==> flow/design.v <==
module storage_stage #(
    parameter integer NWORDS = 32,
    parameter integer DW = 8,
    parameter integer ADDR_WIDTH = $clog2(NWORDS)
) (
    input  wire clock,
    input  wire rst_i,
    input  wire [ADDR_WIDTH-1:0] addr,
    input  wire wr_en,
    input  wire [DW-1:0] wdata,
    output reg [DW-1:0] rd_data
);
    reg [DW-1:0] ram [NWORDS-1:0];
    always @(posedge clock)
        if (wr_en) ram[addr] <= wdata;
    always @(posedge clock) begin
        if (rst_i) begin
            rd_data <= 0;
        end else begin
            rd_data <= wr_en ? wdata : ram[addr];
        end
    end
endmodule
==> reports on storage_stage <==
Step by step through the tools: storage_stage:

Module storage_stage in several versions that differ in "DW"; each step lists the members.
The RTL above is that of DW = 8; lines are counted from 1 in the file of the member named.
Library cell names are shortened.
Not given: -

* design top: storage_stage
* clock port: clock
* standard-cell library: sky130hd
* timing corner: tt_025C_1v80

Source of the members:

Lines of each other member's file that are new or changed against the file above; lines that a member lacks are not shown.

New or changed lines
* DW 10: line 3 `parameter integer DW = 10,`
* DW 48: line 3 `parameter integer DW = 48,`

Elaborated design:

Counts by Yosys on the flattened word-level netlist (proc, flatten, opt, wreduce; memories kept). Register bits leave out memories and registers merged into their read ports (data or address); mux counts leave out enables and synchronous resets folded into registers. Print and check cells are left out. Cells with the same type and inputs are merged into one.
Memory sizes are those after Yosys's memory passes, which may raise the word count (mostly to a power of two), join words into wider ones and drop unused or constant bits.

Word-level totals
* DW 8: register bits after elaboration 0, memory cells 1, input port bits 16, word width x clocked read ports 8, output and inout bits 8, RAM bits 256, word-level cells 4
* DW 10: register bits after elaboration 0, memory cells 1, input port bits 18, word width x clocked read ports 10, output and inout bits 10, RAM bits 320, word-level cells 4
* DW 48: register bits after elaboration 0, memory cells 1, input port bits 56, word width x clocked read ports 48, output and inout bits 48, RAM bits 1536, word-level cells 4

Cells by class (muxes and demuxes)
* DW 8: 3
* DW 10: 3
* DW 48: 3

Memory list (shape (words x width / read and write ports))
* DW 8: ram 32x8 r1 w1
* DW 10: ram 32x10 r1 w1
* DW 48: ram 32x48 r1 w1

Operators by type and width (kinds with counts)
* DW 8: 1 x 8-bit 2-to-1 mux; 1 x 5-bit 2-to-1 mux; 1 x 1-bit 2-to-1 mux
* DW 10: 1 x 10-bit 2-to-1 mux; 1 x 5-bit 2-to-1 mux; 1 x 1-bit 2-to-1 mux
* DW 48: 1 x 48-bit 2-to-1 mux; 1 x 5-bit 2-to-1 mux; 1 x 1-bit 2-to-1 mux

Longest topological paths:

Depth = most cells in a row (Yosys ltp): at word level without a register or memory, in the mapped netlist without a sequential cell, where the memories' decode and read muxes count.

Logic depth
* DW 8: depth in word-level cells 1, ABC_AREA 0, gate-level depth with buffers 7, depth with buffers taken out 5
* DW 10: depth in word-level cells 1, ABC_AREA 0, gate-level depth with buffers 8, depth with buffers taken out 4
* DW 48: depth in word-level cells 1, ABC_AREA 0, gate-level depth with buffers 9, depth with buffers taken out 4

Netlist:

Yosys stat after the flow's synthesis: flattened, memories mapped to cells. It holds for the ABC_AREA given above (unset counts as 0); a run with the other value may have another netlist.

Cells by type (types with counts)
* DW 8: 256 x edfxtp_1; 49 x mux4_2; 29 x mux2i_1; 8 x dfxtp_1; 42 x nor2_1; 11 x buf_4; 8 x a221oi_1; 8 x o22ai_1; 6 x a22oi_1; 4 x mux2_2; 9 x nand3_1; 5 x a311oi_1; 8 x buf_2; 4 x o22a_1; 5 x a31oi_1; 5 x nand2b_1; 5 x nor2b_1; 3 x a32o_1; (+54)
* DW 10: 320 x edfxtp_1; 45 x mux4_2; 44 x mux2i_1; 13 x mux4_1; 10 x dfxtp_1; 33 x nor2_1; 13 x a22oi_1; 7 x clkbuf_8; 10 x a22o_1; 14 x o22ai_1; 5 x buf_6; 7 x buf_4; 6 x a21o_1; 9 x buf_2; 6 x a31oi_1; 5 x nand3b_1; 6 x nor2b_1; 6 x nor4_1; (+72)
* DW 48: 1536 x edfxtp_1; 292 x mux4_2; 184 x mux2i_1; 48 x dfxtp_1; 77 x a22oi_1; 80 x o22ai_1; 49 x a22o_1; 70 x buf_2; 31 x a21o_1; 28 x buf_4; 31 x a31oi_1; 29 x nor4_1; 15 x buf_6; 40 x clkbuf_1; 16 x a221oi_1; 16 x a311oi_1; 36 x nor2_1; 34 x inv_1; (+100)

A list marked (+n) leaves out that many cells.

Synthesis totals
* DW 8: mapped flip-flops 264, sequential area 7847.5 µm², buffer cells 29, cell count 519, cell area after synthesis 10292.4 µm²
* DW 10: mapped flip-flops 330, sequential area 9809.4 µm², buffer cells 38, cell count 631, cell area after synthesis 12995.0 µm²
* DW 48: mapped flip-flops 1584, sequential area 47085.2 µm², buffer cells 158, cell count 2712, cell area after synthesis 59788.6 µm²

Worst setup path after synthesis:

OpenSTA on the mapped netlist: ideal clock, no wires. The path of least setup slack (recovery checks aside). Input and output delay are each 20% of the period. Register names are those of the netlist, which keeps one name where synthesis merged equal registers.

Timing after synthesis
* DW 8: path kind input to register, start input port addr[0], end memory ram[28][0], stages on the path 5, path slack 0.437 ns, path delay 1.747 ns, period 2.73 ns, synthesis period reached 2.293 ns
* DW 10: path kind input to register, start input port addr[0], end memory ram[0][0], stages on the path 6, path slack 0.489 ns, path delay 1.951 ns, period 3.05 ns, synthesis period reached 2.561 ns
* DW 48: path kind input to register, start input port addr[0], end memory ram[30][0], stages on the path 8, path slack 0.883 ns, path delay 3.541 ns, period 5.53 ns, synthesis period reached 4.647 ns

"path delay" is the arrival time less input delay plus setup time.
"stages on the path": output pins that drive a net of the path, with the launching flip-flop's if there is one; two outputs of one cell count as two.
"synthesis period reached" is the clock period less the worst setup slack; recovery checks do not enter. This is arithmetic on one report: input and output delays are still those of the set period (20% each).
Between the ends stands the longest chain of elaborated cells between them, by number of cells; it is not shown to be the way that was timed. Of several equally long chains one is given.
Each line given opens the expression or statement behind the cell; cells for indexed reads and writes are added by Yosys, which also makes memories of some case tables.

On the way, after synthesis, DW = 8:
* cells in the longest elaborated chain: 1

Ends and longest elaborated chain, after synthesis, DW = 8
* start: declaration: line 8 `input  wire [ADDR_WIDTH-1:0] addr,`
* 5-bit 2-to-1 mux: line 15 `if (wr_en) ram[addr] <= wdata;`
* end: declaration: line 13 `reg [DW-1:0] ram [NWORDS-1:0];`

On the way, after synthesis, DW = 48:
* cells in the longest elaborated chain: 1

Ends and longest elaborated chain, after synthesis, DW = 48
* start: declaration: line 8 `input  wire [ADDR_WIDTH-1:0] addr,`
* 5-bit 2-to-1 mux: line 15 `if (wr_en) ram[addr] <= wdata;`
* end: declaration: line 13 `reg [DW-1:0] ram [NWORDS-1:0];`

Path in the finished layout:

From the final timing report of each member's run: the path of least setup slack in the routed layout; clock arrival at registers is part of the times.

Timing post-layout
* DW 8: path kind input to register, start input port addr[3], end register rd_data[0], arrival 2.73 ns, period 2.73 ns, path slack 0.40 ns, stages on the path 6, path buffers 1
* DW 10: path kind input to register, start input port addr[0], end register rd_data[8], arrival 3.00 ns, period 3.05 ns, path slack 0.38 ns, stages on the path 6, path buffers 2
* DW 48: path kind input to register, start input port addr[0], end register rd_data[43], arrival 4.15 ns, period 5.53 ns, path slack 2.01 ns, stages on the path 6, path buffers 2

Flow runs:

One run of the flow (Yosys, OpenROAD) for each member, with settings and measured results. Input and output delays are each 20% of the period that was set; the output load is 0.01 pF.

* CAP_MARGIN: 20
* CORE_MARGIN: 2
* CORE_UTILIZATION: 40
* SLEW_MARGIN: 20

Settings that differ (period_ns)
* DW 8: 2.73
* DW 10: 3.05
* DW 48: 5.53

Measured results
* DW 8: reached clock period 2.331 ns, overall die area 27030.6 µm², total power of the final layout 8.662 mW, worst hold slack after layout 0.717 ns, summed negative setup slack 0.000 ns, standard-cell area after routing 12269.3 µm², final design utilization 0.486, setup slack of the worst path 0.399 ns, chip area in the Yosys report 10292.4 µm²
* DW 10: reached clock period 2.666 ns, overall die area 33944.4 µm², total power of the final layout 9.753 mW, worst hold slack after layout 0.803 ns, summed negative setup slack 0.000 ns, standard-cell area after routing 15277.2 µm², final design utilization 0.473, setup slack of the worst path 0.384 ns, chip area in the Yosys report 12995.0 µm²
* DW 48: reached clock period 3.523 ns, overall die area 152580.0 µm², total power of the final layout 25.420 mW, worst hold slack after layout 0.729 ns, summed negative setup slack 0.000 ns, standard-cell area after routing 68801.0 µm², final design utilization 0.465, setup slack of the worst path 2.007 ns, chip area in the Yosys report 59788.6 µm²

"reached clock period" = clock period - worst setup slack. The figure is calculated, with input and output delays left at 20% of the set period.
By "total power of the final layout" is meant OpenSTA's value without simulated activity: inputs other than the clock are taken to toggle once in ten clock periods, and the tool carries that through the logic.
